==> flow/design.v <==
module alu_registers_rtl #(
  parameter D = 48,
  parameter WIDTH = 12,
  parameter ADDR_WIDTH = $clog2(D)
) (
  input wire CLK,
  input wire i_rst_n,
  input wire in_wr,
  input wire [ADDR_WIDTH-1:0] in_wsel,
  input wire [WIDTH-1:0] in_write_data,
  input wire [ADDR_WIDTH-1:0] in_raddr_a,
  input wire [ADDR_WIDTH-1:0] in_raddr_b,
  output wire [WIDTH-1:0] out_read_data_a,
  output wire [WIDTH-1:0] out_read_data_b
);
  reg wr_s;
  reg [ADDR_WIDTH-1:0] wsel_s;
  reg [WIDTH-1:0] write_data_s;
  always @(posedge CLK or negedge i_rst_n) begin
    if (!i_rst_n) begin
      wr_s <= 1'b0;
      wsel_s <= 0;
      write_data_s <= 0;
    end else begin
      wr_s <= in_wr;
      wsel_s <= in_wsel;
      write_data_s <= in_write_data;
    end
  end
  reg [WIDTH-1:0] ram [0:D-1];
  always @(posedge CLK) begin
    if (wr_s && wsel_s != 0)
      ram[wsel_s] <= write_data_s;
  end
  reg [ADDR_WIDTH-1:0] raddr_a_s;
  reg [ADDR_WIDTH-1:0] raddr_b_s;
  reg [WIDTH-1:0] read_data_a_s;
  always @(posedge CLK or negedge i_rst_n) begin
    if (!i_rst_n) begin
      raddr_a_s <= 0;
      raddr_b_s <= 0;
      read_data_a_s <= 0;
    end else begin
      raddr_a_s <= in_raddr_a;
      raddr_b_s <= in_raddr_b;
      read_data_a_s <= (raddr_a_s == 0) ? {WIDTH{1'b0}} : ram[raddr_a_s];
    end
  end
  assign out_read_data_a = read_data_a_s;
  reg [WIDTH-1:0] read_data_b_s;
  always @(posedge CLK or negedge i_rst_n) begin
    if (!i_rst_n) begin
      read_data_b_s <= 0;
    end else begin
      read_data_b_s <= (raddr_b_s == 0) ? {WIDTH{1'b0}} : ram[raddr_b_s];
    end
  end
  assign out_read_data_b = read_data_b_s;
endmodule
======== Tool chain data of alu_registers_rtl ========
What the tools print for alu_registers_rtl, step after step.
Lines are those of the file above, counted from 1.
Library cell names are shortened.
Not given: -
set-up
  top module .............................. alu_registers_rtl
  clock port .............................. CLK
  cell library ............................ sky130hd
  library corner .......................... tt_025C_1v80

======== Elaborated design ========
Counts by Yosys on the flattened word-level netlist (proc, flatten, opt, wreduce; memories kept). Register bits leave out memories and registers merged into their read ports (data or address); mux counts leave out enables and synchronous resets folded into registers. Print and check cells are left out. Cells with the same type and inputs are merged into one.
Memory sizes are those after Yosys's memory passes, which may raise the word count (mostly to a power of two), join words into wider ones and drop unused or constant bits.
word-level totals
  bits in latches ......................... 0
  RAM bits ................................ 576
  flip-flop bits (word level) ............. 55
  output and inout bits ................... 24
  memories kept ........................... 1
  bits in read-only memories .............. 0
  input port bits ......................... 33
  clocked read ports x word width ......... 0
  word-level cells ........................ 17
memory list
  memory  words  width  rd ports  write ports  RTL line  source
  ram     48     12     2         1            30        reg [WIDTH-1:0] ram [0:D-1];
cells by class
  shift operators ......................... 0
  bitwise gates (word level) .............. 0
  reductions and logical operators ........ 4
  multiply operators ...................... 0
  equal/unequal tests ..................... 0
  mux-type cells .......................... 5
  add/subtract/negate cells ............... 0
  order comparisons ....................... 0
  divide/modulo/power cells ............... 0
operators with widths
  operator            count
  12-bit 2-to-1 mux   3
  6-bit logical NOT   2
  6-bit nonzero test  1
  6-bit 2-to-1 mux    1
  1-bit logical AND   1
  1-bit 2-to-1 mux    1

======== Depth ========
Depth = most cells in a row (Yosys ltp): at word level without a register or memory, in the mapped netlist without a sequential cell, where the memories' decode and read muxes count.
depth
  depth after elaboration ................. 3
  ABC_AREA ................................ 0
  gate-level depth with buffers ........... 9
  depth with buffers taken out ............ 5

======== Netlist ========
Yosys stat after the flow's synthesis: flattened, memories mapped to cells. It holds for the ABC_AREA given above (unset counts as 0); a run with the other value may have another netlist.
cells by type
  cell      count  total area (um^2)
  edfxtp_1  576    1.73E+04
  mux4_2    267    6.01E+03
  dfrtp_1   55     1376.32
  mux2i_1   56     560.538
  mux4_1    11     289.027
  nor2_1    70     262.752
  a221oi_1  26     227.718
  a22oi_1   27     202.694
  buf_2     40     200.192
  buf_6     17     191.434
  nand2_1   39     146.39
  a21oi_1   25     125.12
  nand3_1   19     95.091
  nor2b_1   15     93.84
  clkbuf_1  22     82.579
  a22o_1    9      78.826
  buf_4     10     75.072
  a32oi_1   8      70.067
Other cell types: 37; their cells: 134.
synthesis totals
  flip-flop cells ......................... 631
  area of sequential cells ................ 18672.9 um^2
  buffer cells ............................ 101
  synthesis area .......................... 28381.0 um^2
  cells in the netlist .................... 1426

======== Timing after synthesis ========
Source: OpenSTA report_checks on the synthesized netlist (no wires, ideal clock, input and output delay 20% of the period each), path of least setup slack; recovery checks are left aside. Register names are those of the netlist, which keeps one name where synthesis merged equal registers.
timing post-synthesis
  path kind ............................... flip-flop to flip-flop
  from .................................... register raddr_a_s[0]
  to ...................................... register read_data_a_s[0]
  clock period ............................ 2.52 ns
  path delay .............................. 2.020 ns
  path buffers ............................ 3
  arrival ................................. 1.875 ns
  data required time ...................... 2.375 ns
  library setup time ...................... 0.145 ns
  setup slack ............................. 0.500 ns
  stages on the path ...................... 9
  launch time at the first pin ............ 0.000 ns
  synthesis period reached ................ 2.02 ns
"path delay" = arrival - input delay + setup time.
"stages on the path": output pins that drive a net of the path, with the launching flip-flop's if there is one; two outputs of one cell count as two.
"synthesis period reached" is the clock period less the worst setup slack; recovery checks do not enter. This is arithmetic on one report: input and output delays are still those of the set period (20% each).
The rows between start and end are the longest chain of elaborated cells between them; the timing report does not say that the signal goes this way. Where chains are equally long, one stands for them.
Each line given opens the expression or statement behind the cell; cells for indexed reads and writes are added by Yosys, which also makes memories of some case tables.
A memory read counts as a cell of the chain, while the word-level depth stops at memories.
between the ends, post-synthesis
  path through ............................ dfrtp_1 buf_2 buf_6 buf_2 mux4_2 a22oi_1 nor2_1 nor4_1 a21oi_1
  length of the longest elaborated chain .. 2
  elaborated cells on any way between the ends .. 3
  RTL lines with such cells ............... 2
  classes of those cells .................. mux (1); reduce/logical (1); memory (1)
ends and longest elaborated chain, post-synthesis
  element             RTL line  source
  start, declared     35        reg [ADDR_WIDTH-1:0] raddr_a_s;
  start, assigned     40        raddr_a_s <= 0;
  start, assigned     44        raddr_a_s <= in_raddr_a;
  memory 48 x 12 bit  30        reg [WIDTH-1:0] ram [0:D-1];
  12-bit 2-to-1 mux   46        read_data_a_s <= (raddr_a_s == 0) ? {WIDTH{1'b0}} : ram[raddr_a_s];
  end, assigned       42        read_data_a_s <= 0;
  end, assigned       46
  end, declared       37        reg [WIDTH-1:0] read_data_a_s;

======== Worst path after layout ========
From the final timing report of run B: the path of least setup slack in the routed layout; clock arrival at registers is part of the times.
timing after layout
  path kind ............................... flip-flop to flip-flop
  from .................................... register raddr_b_s[5]
  to ...................................... register read_data_b_s[1]
  path buffers ............................ 0
  setup slack ............................. 0.00 ns
  library setup time ...................... 0.14 ns
  launch time at the first pin ............ 0.61 ns
  stages on the path ...................... 6
  arrival ................................. 2.99 ns
  clock period ............................ 2.52 ns
  data required time ...................... 2.99 ns
The rows between start and end are the longest chain of elaborated cells between them; the timing report does not say that the signal goes this way. Where chains are equally long, one stands for them.
A memory read counts as a cell of the chain, while the word-level depth stops at memories.
between the ends, after layout
  path through ............................ dfrtp_1 or3b_2 nor2_2 a221oi_4 and3_4 a21oi_1
  length of the longest elaborated chain .. 2
  elaborated cells on any way between the ends .. 3
  RTL lines with such cells ............... 2
  classes of those cells .................. mux (1); reduce/logical (1); memory (1)
ends and longest elaborated chain, after layout
  element             RTL line  source
  start, declared     36        reg [ADDR_WIDTH-1:0] raddr_b_s;
  start, assigned     41        raddr_b_s <= 0;
  start, assigned     45        raddr_b_s <= in_raddr_b;
  memory 48 x 12 bit  30        reg [WIDTH-1:0] ram [0:D-1];
  12-bit 2-to-1 mux   55        read_data_b_s <= (raddr_b_s == 0) ? {WIDTH{1'b0}} : ram[raddr_b_s];
  end, assigned       53        read_data_b_s <= 0;
  end, assigned       55
  end, declared       50        reg [WIDTH-1:0] read_data_b_s;

==> results <==
Design alu_registers_rtl on sky130hd. What follows are 3 stored runs of the flow, each under its own settings; their order means nothing. The constraints put input and output delay at 20% of the set period each and load the outputs with 0.01 pF.
"period achieved": clock period set for the run, less the worst setup slack. It is reckoned from that one timing run; input and output delays stay at 20% of the period that was set.
"worst path time" is the time allowed to the run's worst setup path (the clock period less input and output delay, where it has them) less its slack. Clock arrival times count: a late capture clock shortens it, a late launch clock lengthens it.
"power consumption" rests on the timing tool's default activity at the inputs, not on a simulated workload.

======== run A ========
==> flow/run.sh <==
#!/bin/bash
# the make line also repeats the synthesis and layout settings of config.mk as NAME=value (left out here)
make -C /OpenROAD-flow-scripts/flow DESIGN_CONFIG=/design/flow/config.mk WORK_HOME=/design/flow/orfs CLKGATE_MAP_FILE= finish
==> flow/config.mk <==
export PLATFORM = sky130hd
export DESIGN_NAME = alu_registers_rtl
export DESIGN_NICKNAME = alu_registers_rtl
export VERILOG_FILES = /design/flow/design.v
export SDC_FILE = /design/flow/constraint.sdc
export NUM_CORES = 4
export LEC_CHECK = 0
export CAP_MARGIN = 20
export CELL_PAD_IN_SITES_DETAIL_PLACEMENT = 2
export CORE_MARGIN = 2
export CORE_UTILIZATION = 57
export CTS_CLUSTER_DIAMETER = 248
export MIN_ROUTING_LAYER = met1
export PLACE_DENSITY_LB_ADDON = 0.02
export SLEW_MARGIN = 10
export TNS_END_PERCENT = 95
==> flow/constraint.sdc <==
create_clock -name core_clock -period 1.58 [get_ports {CLK}]
set_input_delay 0.3160 -clock core_clock [delete_from_list [all_inputs] [get_ports {CLK}]]
set_output_delay 0.3160 -clock core_clock [all_outputs]
set_load 0.01 [all_outputs]

-------- run A --------
  did not finish, placement stopped with DPL-0033

======== run B ========
==> flow/run.sh <==
#!/bin/bash
# the make line also repeats the synthesis and layout settings of config.mk as NAME=value (left out here)
make -C /OpenROAD-flow-scripts/flow DESIGN_CONFIG=/design/flow/config.mk WORK_HOME=/design/flow/orfs CLKGATE_MAP_FILE= finish
==> flow/config.mk <==
export PLATFORM = sky130hd
export DESIGN_NAME = alu_registers_rtl
export DESIGN_NICKNAME = alu_registers_rtl
export VERILOG_FILES = /design/flow/design.v
export SDC_FILE = /design/flow/constraint.sdc
export NUM_CORES = 4
export LEC_CHECK = 0
export CAP_MARGIN = 20
export CORE_MARGIN = 2
export CORE_UTILIZATION = 40
export SLEW_MARGIN = 20
==> flow/constraint.sdc <==
create_clock -name core_clock -period 2.52 [get_ports {CLK}]
set_input_delay 0.5040 -clock core_clock [delete_from_list [all_inputs] [get_ports {CLK}]]
set_output_delay 0.5040 -clock core_clock [all_outputs]
set_load 0.01 [all_outputs]

-------- measured, run B --------
  worst path time ......................... 2.52 ns
  critical path type ...................... flip-flop to flip-flop
  die outline area ........................ 73099.9 um^2
  area of the synthesized netlist ......... 28381.0 um^2
  post-route utilization .................. 49.0%
  standard-cell area after layout ......... 34379.2 um^2
  total negative slack on setup checks .... -0.001 ns
  power consumption ....................... 0.024587 W
  setup slack of the critical path ........ -0.001 ns
  period achieved ......................... 2.521 ns

======== run C ========
==> flow/run.sh <==
#!/bin/bash
# the make line also repeats the synthesis and layout settings of config.mk as NAME=value (left out here)
make -C /OpenROAD-flow-scripts/flow DESIGN_CONFIG=/design/flow/config.mk WORK_HOME=/design/flow/orfs CLKGATE_MAP_FILE= finish
==> flow/config.mk <==
export PLATFORM = sky130hd
export DESIGN_NAME = alu_registers_rtl
export DESIGN_NICKNAME = alu_registers_rtl
export VERILOG_FILES = /design/flow/design.v
export SDC_FILE = /design/flow/constraint.sdc
export NUM_CORES = 4
export LEC_CHECK = 0
export CAP_MARGIN = 0
export CELL_PAD_IN_SITES_GLOBAL_PLACEMENT = 1
export CORE_ASPECT_RATIO = 1.62
export CORE_MARGIN = 2
export CORE_UTILIZATION = 36
export CTS_CLUSTER_SIZE = 10
export MIN_ROUTING_LAYER = met2
export SLEW_MARGIN = 40
==> flow/constraint.sdc <==
create_clock -name core_clock -period 1.53 [get_ports {CLK}]
set_input_delay 0.3060 -clock core_clock [delete_from_list [all_inputs] [get_ports {CLK}]]
set_output_delay 0.3060 -clock core_clock [all_outputs]
set_load 0.01 [all_outputs]

-------- measured, run C --------
  worst path time ......................... 2.43 ns
  critical path type ...................... flip-flop to flip-flop
  die outline area ........................ 81163.7 um^2
  area of the synthesized netlist ......... 28381.0 um^2
  post-route utilization .................. 48.2%
  standard-cell area after layout ......... 37767.5 um^2
  total negative slack on setup checks .... -54.332 ns
  power consumption ....................... 0.040996 W
  setup slack of the critical path ........ -0.903 ns
  period achieved ......................... 2.433 ns
